==> flow/design.v <==
module dp_barrel_blk (i_clk, RST, d, shamt, dout);
   parameter WIDTH = 32;
   localparam SEL_WIDTH = $clog2(WIDTH);
   input i_clk;
   input RST;
   input [WIDTH-1:0] d;
   input [SEL_WIDTH-1:0] shamt;
   output reg [WIDTH-1:0] dout;
   reg [WIDTH-1:0] d_q;
   reg [SEL_WIDTH-1:0] shamt_q;
   always @(posedge i_clk) begin
      if (RST) begin
         d_q <= 0;
         shamt_q <= 0;
      end else begin
         d_q <= d;
         shamt_q <= shamt;
      end
   end
   wire [2*WIDTH-1:0] nxt = {d_q, d_q} >> shamt_q;
   always @(posedge i_clk) begin
      if (RST) begin
         dout <= 0;
      end else begin
         dout <= nxt[WIDTH-1:0];
      end
   end
endmodule
* From RTL to reports: dp_barrel_blk
Tool output for the design above, in the order of the flow.
Line numbers count from 1 in the design file above.
Cell names lack the library's common part.
Not given: -
- Top module :: dp_barrel_blk
- Clock :: i_clk
- Library :: sky130hd
- Library corner :: tt_025C_1v80

* Word level
Yosys after proc, flatten, opt, wreduce and memory -nomap, before mapping. Enables and synchronous resets that opt folds into registers are not counted as muxes. Memory bits, and registers merged into a memory's read port (data or address), are not among the register bits. Print and check cells are not counted. Equal cells are merged and count once.
- Muxes and demuxes :: 0
- Shift operators :: 1
- Equality and inequality tests :: 0
- Magnitude comparators :: 0
- Bitwise gates (word level) :: 0
- Divide/modulo/power cells :: 0
- Multiply operators :: 0
- Add/subtract/negate cells :: 0
- Reductions and logical operators :: 0
** Operators by type and width (number)
- 64-bit by 5-bit right shift with 32-bit output :: 1
- RAM bits :: 0
- Memory cells :: 0
- Latch bits :: 0
- Output and inout bits :: 32
- Cells after elaboration :: 4
- Input bits :: 39
- Memory bits (read-only) :: 0
- Flip-flop bits (word level) :: 69
- Clocked read ports x word width :: 0

* Longest topological paths
Longest topological path by Yosys (ltp), each cell counted once; first at word level (registers and memories cut), then after technology mapping (sequential cells cut; the memories' decode and read muxes count).
- Depth in word-level cells :: 1
- ABC_AREA :: 0
- Mapped depth :: 7
- Mapped depth without buffers :: 5

* After synthesis
The flow's flattened synthesis, as Yosys stat reports it; memories are mapped. The netlist is that of the ABC_AREA named above (0 if unset); the other value can give another one.
- Mapped flip-flops :: 69
- Area of sequential cells :: 1381.3 µm²
- Mapped area :: 3722.3 µm²
- Mapped cells :: 344
- Buffers :: 36
** Cell types
- dfxtp_1 :: number 69, area in all 1.38E+03 µm²
- mux2i_1 :: number 49, area in all 490.47 µm²
- mux4_2 :: number 14, area in all 315.302 µm²
- a221oi_1 :: number 31, area in all 271.51 µm²
- nor2b_1 :: number 43, area in all 269.008 µm²
- o21a_1 :: number 31, area in all 232.723 µm²
- mux2_2 :: number 13, area in all 146.39 µm²
- o22a_1 :: number 13, area in all 113.859 µm²
- o221ai_1 :: number 12, area in all 105.101 µm²
- clkbuf_1 :: number 24, area in all 90.086 µm²
- mux2_1 :: number 4, area in all 45.043 µm²
- buf_6 :: number 3, area in all 33.782 µm²
- o2bb2ai_1 :: number 3, area in all 26.275 µm²
- a21oi_1 :: number 5, area in all 25.024 µm²
- buf_2 :: number 5, area in all 25.024 µm²
- a211o_1 :: number 2, area in all 17.517 µm²
- a22oi_1 :: number 2, area in all 15.014 µm²
- nor2_1 :: number 4, area in all 15.014 µm²
Not listed: further types 12, cells in them 17.

* Timing after synthesis
Path of least setup slack by OpenSTA after synthesis, without wires, with an ideal clock, recovery checks aside; 20% of the period is set as input and as output delay. Where synthesis merged equal registers, the netlist keeps one of their names.
- Path type :: reg2reg
- From :: register shamt_q[0]
- To :: register dout[7]
- Setup time :: 0.058 ns
- Buffers on the path :: 2
- Clock period :: 2.25 ns
- Data required time :: 2.192 ns
- Slack :: 0.451 ns
- Stages :: 6
- Arrival time :: 1.741 ns
- Path delay :: 1.799 ns
- Launch time at the first pin :: 0.000 ns
- Synthesis period reached :: 1.799 ns
"path delay" = arrival - input delay + setup time.
"stages" counts driving pins, that of a launching flip-flop among them; a cell with two outputs on the path counts twice.
"synthesis period reached" is the clock period less the worst setup slack; recovery checks do not enter. This is arithmetic on one report: input and output delays are still those of the set period (20% each).
The rows between start and end are the longest chain of elaborated cells between them; the timing report does not say that the signal goes this way. Where chains are equally long, one stands for them.
A line is the first line of the expression or statement that the cell stems from. Yosys adds cells for indexed reads and writes and turns some case tables into memories.
- Cells stage by stage :: dfxtp_1 > buf_2 > buf_1 > mux4_2 > a221oi_1 > o21a_1
- Length of the longest elaborated chain :: 1
- Elaborated cells on any way between the ends :: 1
- Source lines of those cells :: 1
- Those cells by class :: 1 x shift
** RTL lines, path post-synthesis
- start: declaration :: RTL line 10 : reg [SEL_WIDTH-1:0] shamt_q;
- start: assignment :: RTL line 14 : shamt_q <= 0;
- start: assignment :: RTL line 17 : shamt_q <= shamt;
- 64-bit by 5-bit right shift with 32-bit output :: RTL line 20 : wire [2*WIDTH-1:0] nxt = {d_q, d_q} >> shamt_q;
- end: assignment :: RTL line 23 : dout <= 0;
- end: assignment :: RTL line 25 : dout <= nxt[WIDTH-1:0];
- end: declaration :: RTL line 8 : output reg [WIDTH-1:0] dout;

* Path in the finished layout
From the final timing report of entry A: the path of least setup slack in the routed layout; clock arrival at registers is part of the times.
- Path type :: reg2reg
- From :: register shamt_q[1]
- To :: register dout[25]
- Buffers on the path :: 2
- Arrival time :: 2.25 ns
- Data required time :: 2.26 ns
- Launch time at the first pin :: 0.37 ns
- Stages :: 7
- Slack :: 0.01 ns
- Setup time :: 0.05 ns
- Clock period :: 1.94 ns
The rows between start and end are the longest chain of elaborated cells between them; the timing report does not say that the signal goes this way. Where chains are equally long, one stands for them.
- Cells stage by stage :: dfxtp_4 > buf_12 > mux2i_2 > mux4_2 > buf_6 > a221oi_2 > o21a_1
- Length of the longest elaborated chain :: 1
- Elaborated cells on any way between the ends :: 1
- Source lines of those cells :: 1
- Those cells by class :: 1 x shift
** RTL lines, path after layout
- start: declaration :: RTL line 10 : reg [SEL_WIDTH-1:0] shamt_q;
- start: assignment :: RTL line 14 : shamt_q <= 0;
- start: assignment :: RTL line 17 : shamt_q <= shamt;
- 64-bit by 5-bit right shift with 32-bit output :: RTL line 20 : wire [2*WIDTH-1:0] nxt = {d_q, d_q} >> shamt_q;
- end: assignment :: RTL line 23 : dout <= 0;
- end: assignment :: RTL line 25 : dout <= nxt[WIDTH-1:0];
- end: declaration :: RTL line 8 : output reg [WIDTH-1:0] dout;

Flow measurements of dp_barrel_blk on sky130hd: 3 stored runs with different settings, listed in no order. Input and output delays are each 20% of the period that was set; the output load is 0.01 pF.
"achieved period" is the run's clock period less its worst setup slack. It is reckoned from that one timing run; input and output delays stay at 20% of the period that was set.
"time used up by the worst setup path" means the part of the period allowed to the worst setup path (the constraints hold back 20% at inputs and 20% at outputs) less its slack; where the path has registers, the arrival times of their clocks count too.
"overall power" is the tool's figure for a default switching activity; nothing was simulated.

** Entry A
- Settings :: period_ns=1.94; CORE_UTILIZATION=56; SETUP_SLACK_MARGIN=0.15; PLACE_DENSITY_LB_ADDON=0.02; CELL_PAD_IN_SITES_GLOBAL_PLACEMENT=0; CTS_CLUSTER_SIZE=52; MIN_ROUTING_LAYER=met2; MAX_ROUTING_LAYER=met4; CAP_MARGIN=20; CORE_MARGIN=2; SLEW_MARGIN=20
- Chip area after synthesis (Yosys) :: 3722.3 µm²
- Die size :: 7315.4 µm²
- Standard-cell area after routing :: 5413.9 µm²
- Utilization :: 84.8%
- Lowest setup slack :: 0.009 ns
- Sum of negative setup slack :: 0.000 ns
- Lowest hold slack :: 0.558 ns
- Overall power :: 0.004255 W
- Achieved period :: 1.931 ns
- Time used up by the worst setup path :: 1.93 ns
- Kind of the worst setup path :: reg2reg

** Entry B
- Settings :: period_ns=2.08; CORE_UTILIZATION=65; SETUP_SLACK_MARGIN=0.28; PLACE_DENSITY_LB_ADDON=0.24; CELL_PAD_IN_SITES_GLOBAL_PLACEMENT=1; TNS_END_PERCENT=20; GPL_ROUTABILITY_DRIVEN=0; CAP_MARGIN=10; CORE_MARGIN=2; SLEW_MARGIN=20
- Outcome :: incomplete, placement halted on FLW-0024

** Entry C
- Settings :: period_ns=2.25; CAP_MARGIN=20; CORE_MARGIN=2; CORE_UTILIZATION=40; SLEW_MARGIN=20
- Chip area after synthesis (Yosys) :: 3722.3 µm²
- Die size :: 10093.2 µm²
- Standard-cell area after routing :: 4700.8 µm²
- Utilization :: 51.4%
- Lowest setup slack :: 0.188 ns
- Sum of negative setup slack :: 0.000 ns
- Lowest hold slack :: 0.602 ns
- Overall power :: 0.003142 W
- Achieved period :: 2.062 ns
- Time used up by the worst setup path :: 2.06 ns
- Kind of the worst setup path :: reg2reg
